==> flow/design.v <==
module core_mpy_rtl (aclk, reset, adv, i_arg0, i_arg1, i_start, o_prod);
    parameter DATA_WIDTH = 10;
    parameter GB = 2;
    input aclk;
    input reset;
    input adv;
    input [DATA_WIDTH-1:0] i_arg0;
    input [DATA_WIDTH-1:0] i_arg1;
    input i_start;
    output [2*DATA_WIDTH+GB-1:0] o_prod;
    reg [DATA_WIDTH-1:0] arg0_r;
    reg [DATA_WIDTH-1:0] arg1_r;
    reg start_r;
    wire [2*DATA_WIDTH-1:0] t;
    assign t = arg0_r * arg1_r;
    reg [2*DATA_WIDTH+GB-1:0] cnt;
    assign o_prod = cnt;
    always @(posedge aclk) begin
        if (reset) begin
            arg0_r <= 0;
            arg1_r <= 0;
            start_r <= 1'b0;
            cnt <= 0;
        end else if (adv) begin
            arg0_r <= i_arg0;
            arg1_r <= i_arg1;
            start_r <= i_start;
            cnt <= start_r ? t : cnt + t;
        end
    end
endmodule
## Reports on core_mpy_rtl

The steps from the RTL of core_mpy_rtl to its reports follow in flow order.
Lines are those of the file above, counted from 1.
Cell names lack the library's common part.
The mark n/a stands for no value.

| set-up | value |
|---|---|
| top | core_mpy_rtl |
| clock port | aclk |
| standard-cell library | sky130hd |
| library corner | tt_025C_1v80 |

## After elaboration

Counts by Yosys on the flattened word-level netlist (proc, flatten, opt, wreduce; memories kept). Register bits leave out memories and registers merged into their read ports (data or address); mux counts leave out enables and synchronous resets folded into registers. Print and check cells are left out. Cells with the same type and inputs are merged into one.

| bit counts | value |
|---|---|
| register bits | 43 |
| bits in latches | 0 |
| RAM bits | 0 |
| ROM bits | 0 |
| clocked read ports x word width | 0 |
| memories | 0 |
| bits of input ports | 24 |
| output and inout bits | 22 |
| cells after elaboration | 7 |

| cells by class | value |
|---|---|
| add/subtract/negate cells | 1 |
| $mul | 1 |
| divide/modulo/power cells | 0 |
| order comparisons | 0 |
| eq/ne operators | 0 |
| shift operators | 0 |
| mux-type cells | 1 |
| bitwise operators | 0 |
| reduce/logical cells | 0 |

Operator list:

| operator | number |
|---|---|
| 10-bit by 10-bit multiplier with 20-bit output | 1 |
| 22-bit by 20-bit adder with 22-bit output | 1 |
| 22-bit 2-to-1 mux | 1 |

## Logic depth

Depth = most cells in a row (Yosys ltp): at word level without a register or memory, in the mapped netlist without a sequential cell, where the memories' decode and read muxes count.

| logic depth | value |
|---|---|
| depth in word-level cells | 3 |
| ABC_AREA | 0 |
| gate-level depth with buffers | 27 |
| gate-level depth less buffers | 26 |

## After synthesis

Yosys stat after the flow's synthesis: flattened, memories mapped to cells. It holds for the ABC_AREA given above (unset counts as 0); a run with the other value may have another netlist.

| synthesis totals | value |
|---|---|
| mapped cells | 722 |
| chip area (Yosys) | 6173.4 um^2 |
| flip-flop cells | 43 |
| buffer cells | 36 |

Cell types:

| cell type | number | total area (um^2) |
|---|---|---|
| fa_1 | 63 | 1261.21 |
| ha_1 | 79 | 988.448 |
| dfxtp_1 | 43 | 860.826 |
| and2_1 | 69 | 431.664 |
| mux2i_1 | 28 | 280.269 |
| inv_1 | 70 | 262.752 |
| nand2_1 | 67 | 251.491 |
| nor2_1 | 65 | 243.984 |
| xnor2_1 | 17 | 148.893 |
| a21oi_1 | 29 | 145.139 |
| clkbuf_1 | 36 | 135.13 |
| xor2_1 | 10 | 87.584 |
| a211oi_1 | 11 | 82.579 |
| a21o_1 | 10 | 75.072 |
| o21ai_0 | 12 | 60.058 |
| o211ai_1 | 7 | 52.55 |
| o21ai_1 | 10 | 50.048 |
| o221a_1 | 4 | 45.043 |

Not listed: further types 44, cells in them 92.

## Worst setup path after synthesis

Path of least setup slack by OpenSTA after synthesis, without wires, with an ideal clock, recovery checks aside; 20% of the period is set as input and as output delay. Where synthesis merged equal registers, the netlist keeps one of their names.

| timing path post-synthesis | value |
|---|---|
| path kind | flip-flop to flip-flop |
| start | register arg1_r[3] |
| end | register cnt[21] |
| clock period | 7960 ps |
| setup time | 74 ps |
| time at the first pin | 0 ps |
| data arrival time | 6298 ps |
| setup slack | 1588 ps |
| delay of the path | 6372 ps |
| stages on the path | 27 |
| path buffers | 1 |
| period reached after synthesis | 6372 ps |

"delay of the path" is the arrival time less input delay plus setup time.
"stages on the path": output pins that drive a net of the path, with the launching flip-flop's if there is one; two outputs of one cell count as two.
"period reached after synthesis" = period - worst setup slack (recovery checks aside). The figure is calculated, with input and output delays left at 20% of the set period.
The rows between start and end are the longest chain of elaborated cells between them; the timing report does not say that the signal goes this way. Where chains are equally long, one stands for them.
Each line given opens the expression or statement behind the cell; cells for indexed reads and writes are added by Yosys, which also makes memories of some case tables.

| on the way, post-synthesis | value |
|---|---|
| cells stage by stage | dfxtp_1 -> clkbuf_1 -> nand2_1 -> fa_1 -> inv_1 -> fa_1 -> inv_1 -> fa_1 -> inv_1 -> fa_1 -> inv_1 -> fa_1 -> inv_1 -> ha_1 -> o21a_1 -> nor2_1 -> a31o_2 -> o31ai_2 -> a31oi_1 -> nor2b_1 -> xnor2_1 -> ha_1 -> or3_1 -> o21ai_0 -> a21oi_1 -> or4b_1 -> a31oi_1 |
| cells in the longest elaborated chain | 3 |
| elaborated cells between the ends (all ways) | 3 |
| source lines of those cells | 2 |
| classes of those cells | add/sub: 1; mul: 1; mux: 1 |

RTL lines, path post-synthesis:

| item | line | source |
|---|---|---|
| start, declared | 12 | `reg [DATA_WIDTH-1:0] arg1_r;` |
| start, assigned | 21 | `arg1_r <= 0;` |
| start, assigned | 26 | `arg1_r <= i_arg1;` |
| 10-bit by 10-bit multiplier with 20-bit output | 15 | `assign t = arg0_r * arg1_r;` |
| 22-bit by 20-bit adder with 22-bit output | 28 | `cnt <= start_r ? t : cnt + t;` |
| 22-bit 2-to-1 mux | 28 |  |
| end, assigned | 23 | `cnt <= 0;` |
| end, assigned | 28 |  |
| end, declared | 16 | `reg [2*DATA_WIDTH+GB-1:0] cnt;` |

## Worst path after layout

Path of least setup slack in the final report of run 2 (OpenROAD, finished layout, wires in). Where an end is a register, its clock arrival counts in the times.
The path's times are printed in steps of 10 ps; the period is the one set.

| timing path post-layout | value |
|---|---|
| path kind | flip-flop to flip-flop |
| start | register arg0_r[5] |
| end | register cnt[21] |
| clock period | 7960 ps |
| setup time | 80 ps |
| time at the first pin | 300 ps |
| data arrival time | 7070 ps |
| setup slack | 1110 ps |
| stages on the path | 26 |
| path buffers | 0 |

The rows between start and end are the longest chain of elaborated cells between them; the timing report does not say that the signal goes this way. Where chains are equally long, one stands for them.

| on the way, post-layout | value |
|---|---|
| cells stage by stage | dfxtp_1 -> nand2_1 -> fa_1 -> inv_1 -> fa_1 -> inv_1 -> fa_1 -> inv_1 -> fa_1 -> inv_1 -> fa_1 -> inv_1 -> ha_1 -> o21a_1 -> nor2_1 -> a31o_2 -> o31ai_2 -> a31oi_1 -> nor2b_1 -> xnor2_1 -> ha_1 -> or3_1 -> o21ai_0 -> a21oi_1 -> or4b_1 -> a31oi_1 |
| cells in the longest elaborated chain | 3 |
| elaborated cells between the ends (all ways) | 3 |
| source lines of those cells | 2 |
| classes of those cells | add/sub: 1; mul: 1; mux: 1 |

RTL lines, path post-layout:

| item | line | source |
|---|---|---|
| start, declared | 11 | `reg [DATA_WIDTH-1:0] arg0_r;` |
| start, assigned | 20 | `arg0_r <= 0;` |
| start, assigned | 25 | `arg0_r <= i_arg0;` |
| 10-bit by 10-bit multiplier with 20-bit output | 15 | `assign t = arg0_r * arg1_r;` |
| 22-bit by 20-bit adder with 22-bit output | 28 | `cnt <= start_r ? t : cnt + t;` |
| 22-bit 2-to-1 mux | 28 |  |
| end, assigned | 23 | `cnt <= 0;` |
| end, assigned | 28 |  |
| end, declared | 16 | `reg [2*DATA_WIDTH+GB-1:0] cnt;` |

FLOW RESULTS
============

Flow measurements of core_mpy_rtl on sky130hd: 3 stored runs with different settings, listed in no order. Input and output delays are each 20% of the period that was set; the output load is 0.01 pF.
"clock period reached": clock period set for the run, less the worst setup slack. It is reckoned from that one timing run; input and output delays stay at 20% of the period that was set.
"allowed time less slack (worst setup path)" means the part of the period allowed to the worst setup path (the constraints hold back 20% at inputs and 20% at outputs) less its slack; where the path has registers, the arrival times of their clocks count too.
"total power of the final layout": no workload was simulated; the value follows from the tool's default switching activity.
"allowed time less slack (worst setup path)" is known to 10 ps.
A setting shown as -- is not set for that run.
A result given as -- is not shown for that run.

| run | period_ns | CORE_UTILIZATION | SETUP_SLACK_MARGIN | PLACE_DENSITY | CELL_PAD_IN_SITES_GLOBAL_PLACEMENT | CELL_PAD_IN_SITES_DETAIL_PLACEMENT | GPL_TIMING_DRIVEN | SLEW_MARGIN | CAP_MARGIN | CORE_MARGIN | HOLD_SLACK_MARGIN | CTS_CLUSTER_DIAMETER | MIN_ROUTING_LAYER | MAX_ROUTING_LAYER | post-synthesis cell area (um^2) | full die area (um^2) | standard-cell area of the final layout (um^2) | post-layout utilization (%) | smallest setup slack (ps) | post-route setup TNS (ps) | smallest hold slack (ps) | total power of the final layout (uW) | clock period reached (ps) | allowed time less slack (worst setup path) (ps) | worst setup path kind |
|---|---|---|---|---|---|---|---|---|---|---|---|---|---|---|---|---|---|---|---|---|---|---|---|---|---|
| run 1 | 5.64 | 48 | 0.36 | 0.83 | 0 | 1 | 1 | 35 | 20 | 2 | -- | -- | -- | -- | -- | -- | -- | -- | -- | -- | -- | -- | -- | -- | -- |
| run 2 | 7.96 | 40 | -- | -- | -- | -- | -- | 20 | 20 | 2 | -- | -- | -- | -- | 6173.4 | 16442.9 | 6870.3 | 45.4 | 1110 | 0 | 508 | 765.1 | 6850 | 6850 | flip-flop to flip-flop |
| run 3 | 9.52 | 25 | 2.22 | -- | -- | 0 | 0 | 20 | 35 | 8 | 0.25 | 399 | met2 | met5 | 6173.4 | 29977.5 | 7228.2 | 29.7 | 2630 | 0 | 494 | 667.2 | 6890 | 6890 | flip-flop to flip-flop |

Run 1: no results, routing failed with GRT-0232
